==> flow/design.v <==
module u_add_unit_stage #(
   parameter int DATA_W = 56
) (
   input logic clk_i,
   input logic [DATA_W-1:0] rs1,
   input logic [DATA_W-1:0] rs2,
   input logic [DATA_W-1:0] rs3,
   output logic [DATA_W+1:0] o
);
   logic [DATA_W-1:0] rs1_d1;
   always_ff @(posedge clk_i) begin
      rs1_d1 <= rs1;
   end
   logic [DATA_W-1:0] rs2_d1;
   always_ff @(posedge clk_i) begin
      rs2_d1 <= rs2;
   end
   logic [DATA_W-1:0] rs3_d1;
   always_ff @(posedge clk_i) begin
      rs3_d1 <= rs3;
   end
   logic [DATA_W-1:0] work_d1;
   always_ff @(posedge clk_i) begin
      work_d1 <= rs1_d1 ^ rs2_d1 ^ rs3_d1;
   end
   logic [DATA_W-1:0] cy_d1;
   always_ff @(posedge clk_i) begin
      cy_d1 <= (rs1_d1 & rs2_d1) | (rs1_d1 & rs3_d1) | (rs2_d1 & rs3_d1);
   end
   always_ff @(posedge clk_i) begin
      o <= work_d1 + {cy_d1, 1'b0};
   end
endmodule
# From RTL to reports: u_add_unit_stage
# What the tools print for u_add_unit_stage, step after step.
# Line numbers count from 1 in the design file above.
# The mark n/a stands for no value.
[setup] design="u_add_unit_stage" clock_port="clk_i" cell_library="sky130hd" pvt_corner="tt_025C_1v80"

# Word-level counts
# Source: Yosys, flattened and elaborated, memories not mapped. Widths are those after wreduce; folded enables and synchronous resets count as part of the registers. Registers that Yosys merges into a memory's read port (data or address) are not register bits. Print and check cells do not count. Equal cells are merged and count once.
[word_totals] regBits=338 input_bits=169 output_inout_bits=58 elab_cells=14
[op_classes] add_sub_neg=1 bitwise=7
[ops] op="56-bit AND" n=3
[ops] op="56-bit bitwise OR" n=2
[ops] op="56-bit XOR" n=2
[ops] op="56-bit by 57-bit adder with 58-bit output" n=1

# Logic depth
# Yosys ltp: most cells in a row. Word level: on the elaborated netlist, between registers, memories and ports. Mapped: between sequential cells and ports; inverters and the memories' decode and read muxes count.
[depth] depth_word=3 ABC_AREA=0 ltp_mapped=10

# Synthesis result
# The flow's flattened synthesis, as Yosys stat reports it; memories are mapped. The netlist is that of the ABC_AREA named above (0 if unset); the other value can give another one.
# Totals and module areas in this step are rounded.
[types] type="sky130_fd_sc_hd__dfxtp_1" n=338
[types] type="sky130_fd_sc_hd__fa_1" n=57
[types] type="sky130_fd_sc_hd__ha_1" n=55
[types] type="sky130_fd_sc_hd__a21oi_1" n=69
[types] type="sky130_fd_sc_hd__xnor2_1" n=29
[types] type="sky130_fd_sc_hd__a21o_1" n=32
[types] type="sky130_fd_sc_hd__nand2_1" n=48
[types] type="sky130_fd_sc_hd__xor2_1" n=19
[types] type="sky130_fd_sc_hd__nor2_1" n=36
[types] type="sky130_fd_sc_hd__nand4_1" n=20
[types] type="sky130_fd_sc_hd__o21ai_0" n=22
[types] type="sky130_fd_sc_hd__a2111oi_4" n=3
[types] type="sky130_fd_sc_hd__nand3_1" n=15
[types] type="sky130_fd_sc_hd__nor3_1" n=12
[types] type="sky130_fd_sc_hd__o21bai_1" n=8
[types] type="sky130_fd_sc_hd__a31oi_1" n=9
[types] type="sky130_fd_sc_hd__inv_1" n=15
[types] type="sky130_fd_sc_hd__clkbuf_1" n=13
# Not listed: further types 51, cells in them 104.
[synth_totals] stdcells=904 yosys_area_um2=11000 ffs=338 buffers=26

# Timing after synthesis
# Source: OpenSTA report_checks on the synthesized netlist (no wires, ideal clock, input and output delay 20% of the period each), path of least setup slack; recovery checks are left aside. Register names are those of the netlist, which keeps one name where synthesis merged equal registers.
[synth_timing] path_type="reg-to-reg" from="register work_d1[1]" to="register o[25]" clock_period_ns=3.33 setup_time_ns=0.130 t_first_pin_ns=0.000 arrival_ns=2.532 t_required_ns=3.200 setup_slack_ns=0.669 path_delay_ns=2.662 driving_pins=11 n_path_buf=0 period_less_setup_slack_ns=2.661
# "path_delay_ns" = arrival - input delay + setup time.
# "driving_pins" counts driving pins, that of a launching flip-flop among them; a cell with two outputs on the path counts twice.
# "period_less_setup_slack_ns" is the clock period less the worst setup slack; recovery checks do not enter. This is arithmetic on one report: input and output delays are still those of the set period (20% each).
# The rows between start and end are the longest chain of elaborated cells between them; the timing report does not say that the signal goes this way. Where chains are equally long, one stands for them.
# Each line given opens the expression or statement behind the cell; cells for indexed reads and writes are added by Yosys, which also makes memories of some case tables.
[synth_via] cell_sequence="sky130_fd_sc_hd__dfxtp_1 > sky130_fd_sc_hd__ha_1 > sky130_fd_sc_hd__fa_1 > sky130_fd_sc_hd__a21o_1 > sky130_fd_sc_hd__a221o_1 > sky130_fd_sc_hd__a21oi_2 > sky130_fd_sc_hd__a31o_4 > sky130_fd_sc_hd__nand2b_2 > sky130_fd_sc_hd__a221o_1 > sky130_fd_sc_hd__a211oi_1 > sky130_fd_sc_hd__a211oi_1" elab_chain_len=1 cone_cells=1 cone_lines=1 classes_between="1 x add/sub"
[synth_rtl] element="from (decl)" line=22 rtl="logic [DATA_W-1:0] work_d1;"
[synth_rtl] element="from (assign)" line=24 rtl="work_d1 <= rs1_d1 ^ rs2_d1 ^ rs3_d1;"
[synth_rtl] element="56-bit by 57-bit adder with 58-bit output" line=31 rtl="o <= work_d1 + {cy_d1, 1'b0};"
[synth_rtl] element="to (assign)" line=31
[synth_rtl] element="to (decl)" line=8 rtl="output logic [DATA_W+1:0] o"

# Timing after layout
# From the final timing report of run 1: the path of least setup slack in the routed layout; clock arrival at registers is part of the times.
[layout_timing] path_type="reg-to-reg" from="register cy_d1[0]" to="register o[51]" clock_period_ns=2.25 setup_time_ns=0.09 t_first_pin_ns=0.50 arrival_ns=3.10 t_required_ns=2.65 setup_slack_ns=-0.45 driving_pins=11 n_path_buf=0
# The rows between start and end are the longest chain of elaborated cells between them; the timing report does not say that the signal goes this way. Where chains are equally long, one stands for them.
[layout_via] cell_sequence="sky130_fd_sc_hd__dfxtp_1 > sky130_fd_sc_hd__ha_4 > sky130_fd_sc_hd__fa_2 > sky130_fd_sc_hd__a21o_1 > sky130_fd_sc_hd__a221o_1 > sky130_fd_sc_hd__a21oi_4 > sky130_fd_sc_hd__a31o_4 > sky130_fd_sc_hd__a2111oi_4 > sky130_fd_sc_hd__nor2_4 > sky130_fd_sc_hd__o2111a_1 > sky130_fd_sc_hd__a311oi_2" elab_chain_len=1 cone_cells=1 cone_lines=1 classes_between="1 x add/sub"
[layout_rtl] element="from (decl)" line=26 rtl="logic [DATA_W-1:0] cy_d1;"
[layout_rtl] element="from (assign)" line=28 rtl="cy_d1 <= (rs1_d1 & rs2_d1) | (rs1_d1 & rs3_d1) | (rs2_d1 & rs3_d1);"
[layout_rtl] element="56-bit by 57-bit adder with 58-bit output" line=31 rtl="o <= work_d1 + {cy_d1, 1'b0};"
[layout_rtl] element="to (assign)" line=31
[layout_rtl] element="to (decl)" line=8 rtl="output logic [DATA_W+1:0] o"

Subject: flow runs of u_add_unit_stage

Hi,

Below are 3 stored runs of the flow (Yosys, OpenROAD; platform sky130hd) on u_add_unit_stage, each with its settings and what was measured, unordered. Constraints: input delay and output delay 20% of the set period each, output load 0.01 pF.
By "achieved clock period" is meant the clock period of the run minus its worst setup slack. This is arithmetic on one report: input and output delays are still those of the set period (20% each).
"worst setup path time": the worst setup path's part of the clock period (all of it between registers, 20% less for each end at a port) less its slack. A launch clock that arrives late makes it longer, a capture clock that arrives late makes it shorter.
"power" rests on the timing tool's default activity at the inputs, not on a simulated workload.
The measured numbers are rounded.
[run 1] settings: period_ns=2.25, CORE_UTILIZATION=43, PLACE_DENSITY_LB_ADDON=0.03, CELL_PAD_IN_SITES_GLOBAL_PLACEMENT=3, ABC_AREA=0, GPL_TIMING_DRIVEN=0, CAP_MARGIN=5, CORE_MARGIN=2, SLEW_MARGIN=20
[run 1] result: chip area after synthesis (Yosys) 11000 um2, die area 28000 um2, standard-cell area of the final layout 16000 um2, utilization 63%, worst setup slack after layout -0.45 ns, total negative slack -8.6 ns, worst hold slack 0.33 ns, power 18000 uW, achieved clock period 2.702 ns, worst setup path time 2.70 ns, worst setup path kind reg-to-reg
[run 2] settings: period_ns=3.33, CAP_MARGIN=20, CORE_MARGIN=2, CORE_UTILIZATION=40, SLEW_MARGIN=20
[run 2] result: chip area after synthesis (Yosys) 11000 um2, die area 30000 um2, standard-cell area of the final layout 15000 um2, utilization 55%, worst setup slack after layout 0.38 ns, total negative slack 0.000 ns, worst hold slack 0.33 ns, power 12000 uW, achieved clock period 2.953 ns, worst setup path time 2.95 ns, worst setup path kind reg-to-reg
[run 3] settings: period_ns=4.54, CORE_UTILIZATION=23, PLACE_DENSITY_LB_ADDON=0.1, HOLD_SLACK_MARGIN=-0.01, CELL_PAD_IN_SITES_DETAIL_PLACEMENT=0, ABC_AREA=0, GPL_ROUTABILITY_DRIVEN=0, CAP_MARGIN=20, CORE_MARGIN=2, SLEW_MARGIN=20
[run 3] result: chip area after synthesis (Yosys) 11000 um2, die area 51000 um2, standard-cell area of the final layout 16000 um2, utilization 32%, worst setup slack after layout 1.6 ns, total negative slack 0.000 ns, worst hold slack 0.32 ns, power 9300 uW, achieved clock period 2.964 ns, worst setup path time 2.96 ns, worst setup path kind reg-to-reg

Regards
